==> flow/design.v <==
module rf_blk #(
    parameter NREGS = 4,
    parameter XLEN = 64,
    parameter ADDR_WIDTH = $clog2(NREGS)
) (
    input wire aclk,
    input wire nrst,
    input wire valid,
    input wire load_in,
    input wire [ADDR_WIDTH-1:0] write_addr_in,
    input wire [XLEN-1:0] wdata_in,
    input wire [ADDR_WIDTH-1:0] raddr0_in,
    input wire [ADDR_WIDTH-1:0] raddr1_in,
    output wire [XLEN-1:0] rdata0_out,
    output wire [XLEN-1:0] rdata1_out
);
    reg load_s;
    reg [ADDR_WIDTH-1:0] write_addr_s;
    reg [XLEN-1:0] wdata_s;
    always @(posedge aclk) begin
        if (~nrst) begin
            load_s <= 1'b0;
            write_addr_s <= 0;
            wdata_s <= 0;
        end else if (valid) begin
            load_s <= load_in;
            write_addr_s <= write_addr_in;
            wdata_s <= wdata_in;
        end
    end
    reg [XLEN-1:0] gpr [NREGS-1:0];
    integer k;
    always @(posedge aclk) begin
        if (~nrst) begin
            for (k = 0; k < NREGS; k = k + 1)
                gpr[k] <= 0;
        end else if (valid && load_s) begin
            gpr[write_addr_s] <= wdata_s;
        end
    end
    reg [ADDR_WIDTH-1:0] raddr0_s;
    reg [ADDR_WIDTH-1:0] raddr1_s;
    always @(posedge aclk) begin
        if (~nrst) begin
            raddr0_s <= 0;
            raddr1_s <= 0;
        end else if (valid) begin
            raddr0_s <= raddr0_in;
            raddr1_s <= raddr1_in;
        end
    end
    assign rdata0_out = gpr[raddr0_s];
    assign rdata1_out = gpr[raddr1_s];
endmodule
# From RTL to reports: rf_blk
# A sweep over "NREGS": the same steps for each member of the family.
# The file above is the member NREGS = 4. Line numbers count from 1 in each member's own file.
# Library cell names are shortened.
# A cell with - has no value.
[design]
top_module = "rf_blk"
clk_port = "aclk"
cell_library = "sky130hd"
lib_corner = "tt_025C_1v80"

# Members of the sweep
# New or changed lines of each further member against the RTL above, in its own file; lines it lacks are not shown.
[changed_lines]
columns = ["NREGS", "line_no", "source"]
rows = [
  [6, 2, "parameter NREGS = 6,"],
  [10, 2, "parameter NREGS = 10,"],
  [12, 2, "parameter NREGS = 12,"],
]

# Word-level counts
# Yosys after proc, flatten, opt, wreduce and memory -nomap, before mapping. Print and check cells are not counted. Equal cells are merged and count once.
# Memory sizes are those after Yosys's memory passes, which may raise the word count (mostly to a power of two), join words into wider ones and drop unused or constant bits.
[bits]
columns = ["NREGS", "regBits", "mem_bits_rw", "memories", "in_bits", "output_inout_bits", "elab_cells"]
rows = [
  [4, 71, 256, 1, 74, 128, 22],
  [6, 74, 512, 1, 77, 128, 22],
  [10, 77, 1024, 1, 80, 128, 22],
  [12, 77, 1024, 1, 80, 128, 18],
]
[classes]
columns = ["NREGS", "mux", "reduce_logical"]
rows = [
  [4, 14, 2],
  [6, 14, 2],
  [10, 14, 2],
  [12, 11, 1],
]
[op_table]
columns = ["NREGS", "operators"]
rows = [
  [4, "3 x 2-to-1 mux 64 bit; 1 x OR reduction 64 bit; 7 x 2-to-1 mux 2 bit; 4 x 2-to-1 mux 1 bit; 1 x logical AND 1 bit"],
  [6, "3 x 2-to-1 mux 64 bit; 1 x OR reduction 64 bit; 7 x 2-to-1 mux 3 bit; 4 x 2-to-1 mux 1 bit; 1 x logical AND 1 bit"],
  [10, "3 x 2-to-1 mux 64 bit; 1 x OR reduction 64 bit; 7 x 2-to-1 mux 4 bit; 4 x 2-to-1 mux 1 bit; 1 x logical AND 1 bit"],
  [12, "2 x 2-to-1 mux 64 bit; 6 x 2-to-1 mux 4 bit; 3 x 2-to-1 mux 1 bit; 1 x logical AND 1 bit"],
]

# Depth
# Depth = most cells in a row (Yosys ltp): at word level without a register or memory, in the mapped netlist without a sequential cell, where the memories' decode and read muxes count.
[depth]
columns = ["NREGS", "depth_word", "abc_area", "mapped_depth", "mapped_depth_nobuf"]
rows = [
  [4, 5, 0, 5, 2],
  [6, 5, 0, 5, 2],
  [10, 5, 0, 7, 3],
  [12, 3, 0, 6, 3],
]

# Synthesis result
# Yosys stat after the flow's synthesis: flattened, memories mapped to cells. It holds for the ABC_AREA given above (unset counts as 0); a run with the other value may have another netlist.
[by_type]
columns = ["NREGS", "cell_types"]
rows = [
  [4, "256 x edfxtp_1; 128 x mux4_2; 75 x dfxtp_1; 71 x mux2i_1; 133 x nor2_1; 71 x nor2b_1; 62 x nor3_1; 30 x nor3_2; 12 x buf_12; 45 x buf_2; 31 x and3_1; 38 x nand2_1; 30 x inv_1; 16 x clkbuf_1; 7 x buf_4; 4 x buf_6; 2 x nand4b_2; 3 x buf_1; [+10]"],
  [6, "512 x edfxtp_1; 256 x mux4_2; 80 x dfxtp_1; 320 x nor3_1; 128 x mux2_2; 74 x mux2i_1; 128 x inv_1; 74 x nor2b_1; 64 x nand4_1; 83 x clkbuf_1; 22 x buf_6; 43 x buf_1; 26 x buf_2; 6 x buf_4; 6 x o21ai_0; 2 x nand3b_1; 2 x nand2b_1; 2 x nand3_1; [+4]"],
  [10, "1024 x edfxtp_1; 512 x mux4_2; 256 x a22oi_1; 85 x dfxtp_1; 440 x nor2_1; 258 x nand2_1; 130 x and2_1; 77 x mux2i_1; 151 x clkbuf_1; 83 x nor2b_1; 40 x nor2_4; 34 x buf_4; 50 x buf_2; 40 x nor2_2; 28 x buf_1; 8 x buf_6; 4 x buf_12; 9 x o21ai_0; [+17]"],
  [12, "1024 x edfxtp_1; 512 x mux4_2; 775 x nor2_1; 256 x a22oi_1; 85 x dfxtp_1; 323 x nand2_1; 77 x mux2i_1; 84 x nor2b_1; 125 x clkbuf_1; 86 x buf_2; 36 x buf_4; 36 x buf_1; 8 x buf_6; 12 x o21ai_0; 2 x and2_1; 2 x nand2b_1; 2 x nand3_1; 1 x and3b_1; [+2]"],
]
# A list marked [+n] leaves out that many cells.
[synth_totals]
columns = ["NREGS", "mapped_cells", "mapped_area_um2", "seqArea_um2", "ffs", "n_buf"]
rows = [
  [4, 1024, 15518.6, 9188.8, 331, 89],
  [6, 1832, 28857.7, 16976.3, 592, 180],
  [10, 3246, 52830.7, 32451.1, 1109, 275],
  [12, 3448, 52833.2, 32451.1, 1109, 291],
]

# Timing after synthesis
# Source: OpenSTA report_checks on the synthesized netlist (no wires, ideal clock, input and output delay 20% of the period each), path of least setup slack; recovery checks are left aside. Register names are those of the netlist, which keeps one name where synthesis merged equal registers.
[synth_timing]
columns = ["NREGS", "path_type", "from", "to", "tclk_ns", "path_slack_ns", "path_stages", "delay_ns", "period_less_setup_slack_ns"]
rows = [
  [4, "input-to-reg", "input port valid", "memory gpr[3][0]", 8.57, 1.371, 4, 5.485, 7.199],
  [6, "input-to-reg", "input port nrst", "memory gpr[4][0]", 8.98, 1.435, 4, 5.749, 7.545],
  [10, "input-to-reg", "input port valid", "memory (name not given)", 9.5, 1.518, 5, 6.082, 7.982],
  [12, "input-to-reg", "input port nrst", "memory gpr[5][0]", 9.25, 1.483, 5, 5.917, 7.767],
]
# "delay_ns" = arrival - input delay + setup time.
# "path_stages" counts driving pins, that of a launching flip-flop among them; a cell with two outputs on the path counts twice.
# "period_less_setup_slack_ns" = period - worst setup slack (recovery checks aside). The figure is calculated, with input and output delays left at 20% of the set period.
# Between the ends stands the longest chain of elaborated cells between them, by number of cells; it is not shown to be the way that was timed. Of several equally long chains one is given.
# A line is the first line of the expression or statement that the cell stems from. Yosys adds cells for indexed reads and writes and turns some case tables into memories.
# NREGS = 4: Only ways into the end's enable, where the timed path ends, are counted here.
[synth_via_NREGS_4]
elab_chain_cells = 5
[synth_lines_NREGS_4]
columns = ["item", "line_no", "source"]
rows = [
  ["start: declaration", 8, "input wire valid,"],
  ["logical AND 1 bit", 37, "end else if (valid && load_s) begin"],
  ["2-to-1 mux 1 bit", 37, ""],
  ["2-to-1 mux 1 bit", 34, "if (~nrst) begin"],
  ["OR reduction 64 bit", "-", ""],
  ["2-to-1 mux 2 bit", "-", ""],
  ["end: declaration", 31, "reg [XLEN-1:0] gpr [NREGS-1:0];"],
]
# NREGS = 12: Only ways into the end's enable, where the timed path ends, are counted here.
[synth_via_NREGS_12]
elab_chain_cells = 1
[synth_lines_NREGS_12]
columns = ["item", "line_no", "source"]
rows = [
  ["start: declaration", 7, "input wire nrst,"],
  ["2-to-1 mux 4 bit", 34, "if (~nrst) begin"],
  ["end: declaration", 31, "reg [XLEN-1:0] gpr [NREGS-1:0];"],
]

# Path in the finished layout
# Path of least setup slack in the final report of each member's run (OpenROAD, finished layout, wires in). Where an end is a register, its clock arrival counts in the times.
[layout_timing]
columns = ["NREGS", "path_type", "from", "to", "tclk_ns", "path_slack_ns", "path_stages", "arrival_time_ns", "n_path_buf"]
rows = [
  [4, "reg-to-output", "register (name not given)", "output port rdata0_out[32]", 8.57, 3.58, 4, 3.28, 2],
  [6, "reg-to-output", "register (name not given)", "output port rdata0_out[24]", 8.98, 3.53, 5, 3.65, 2],
  [10, "reg-to-output", "register (name not given)", "output port rdata0_out[17]", 9.5, 3.29, 7, 4.31, 3],
  [12, "reg-to-output", "register (name not given)", "output port rdata0_out[2]", 9.25, 3.21, 6, 4.19, 2],
]

# Flow runs
# One run of the flow (Yosys, OpenROAD) for each member, with settings and measured results. Input and output delays are each 20% of the period that was set; the output load is 0.01 pF.
[flow_settings]
CAP_MARGIN = 20
CORE_MARGIN = 2
CORE_UTILIZATION = 40
SLEW_MARGIN = 20
[settings_diff]
columns = ["NREGS", "period_ns"]
rows = [
  [4, 8.57],
  [6, 8.98],
  [10, 9.5],
  [12, 9.25],
]
[results]
columns = ["NREGS", "yosys.chip_area_um2", "die_um2", "layout_stdcell_area_um2", "worstSetupSlack_ns", "power_total_uw", "period_less_ws_ns"]
rows = [
  [4, 15518.6, 40388.9, 19019.5, 3.579, 3992, 4.991],
  [6, 28857.7, 74308.0, 33821.2, 3.535, 6588, 5.445],
  [10, 52830.7, 135001.0, 60438.0, 3.287, 11213, 6.213],
  [12, 52833.2, 135005.0, 60551.8, 3.206, 11797, 6.044],
]
# "period_less_ws_ns" means the clock period less the worst setup slack. The figure is calculated, with input and output delays left at 20% of the set period.
# "power_total_uw": no workload was simulated; the value follows from the tool's default switching activity.
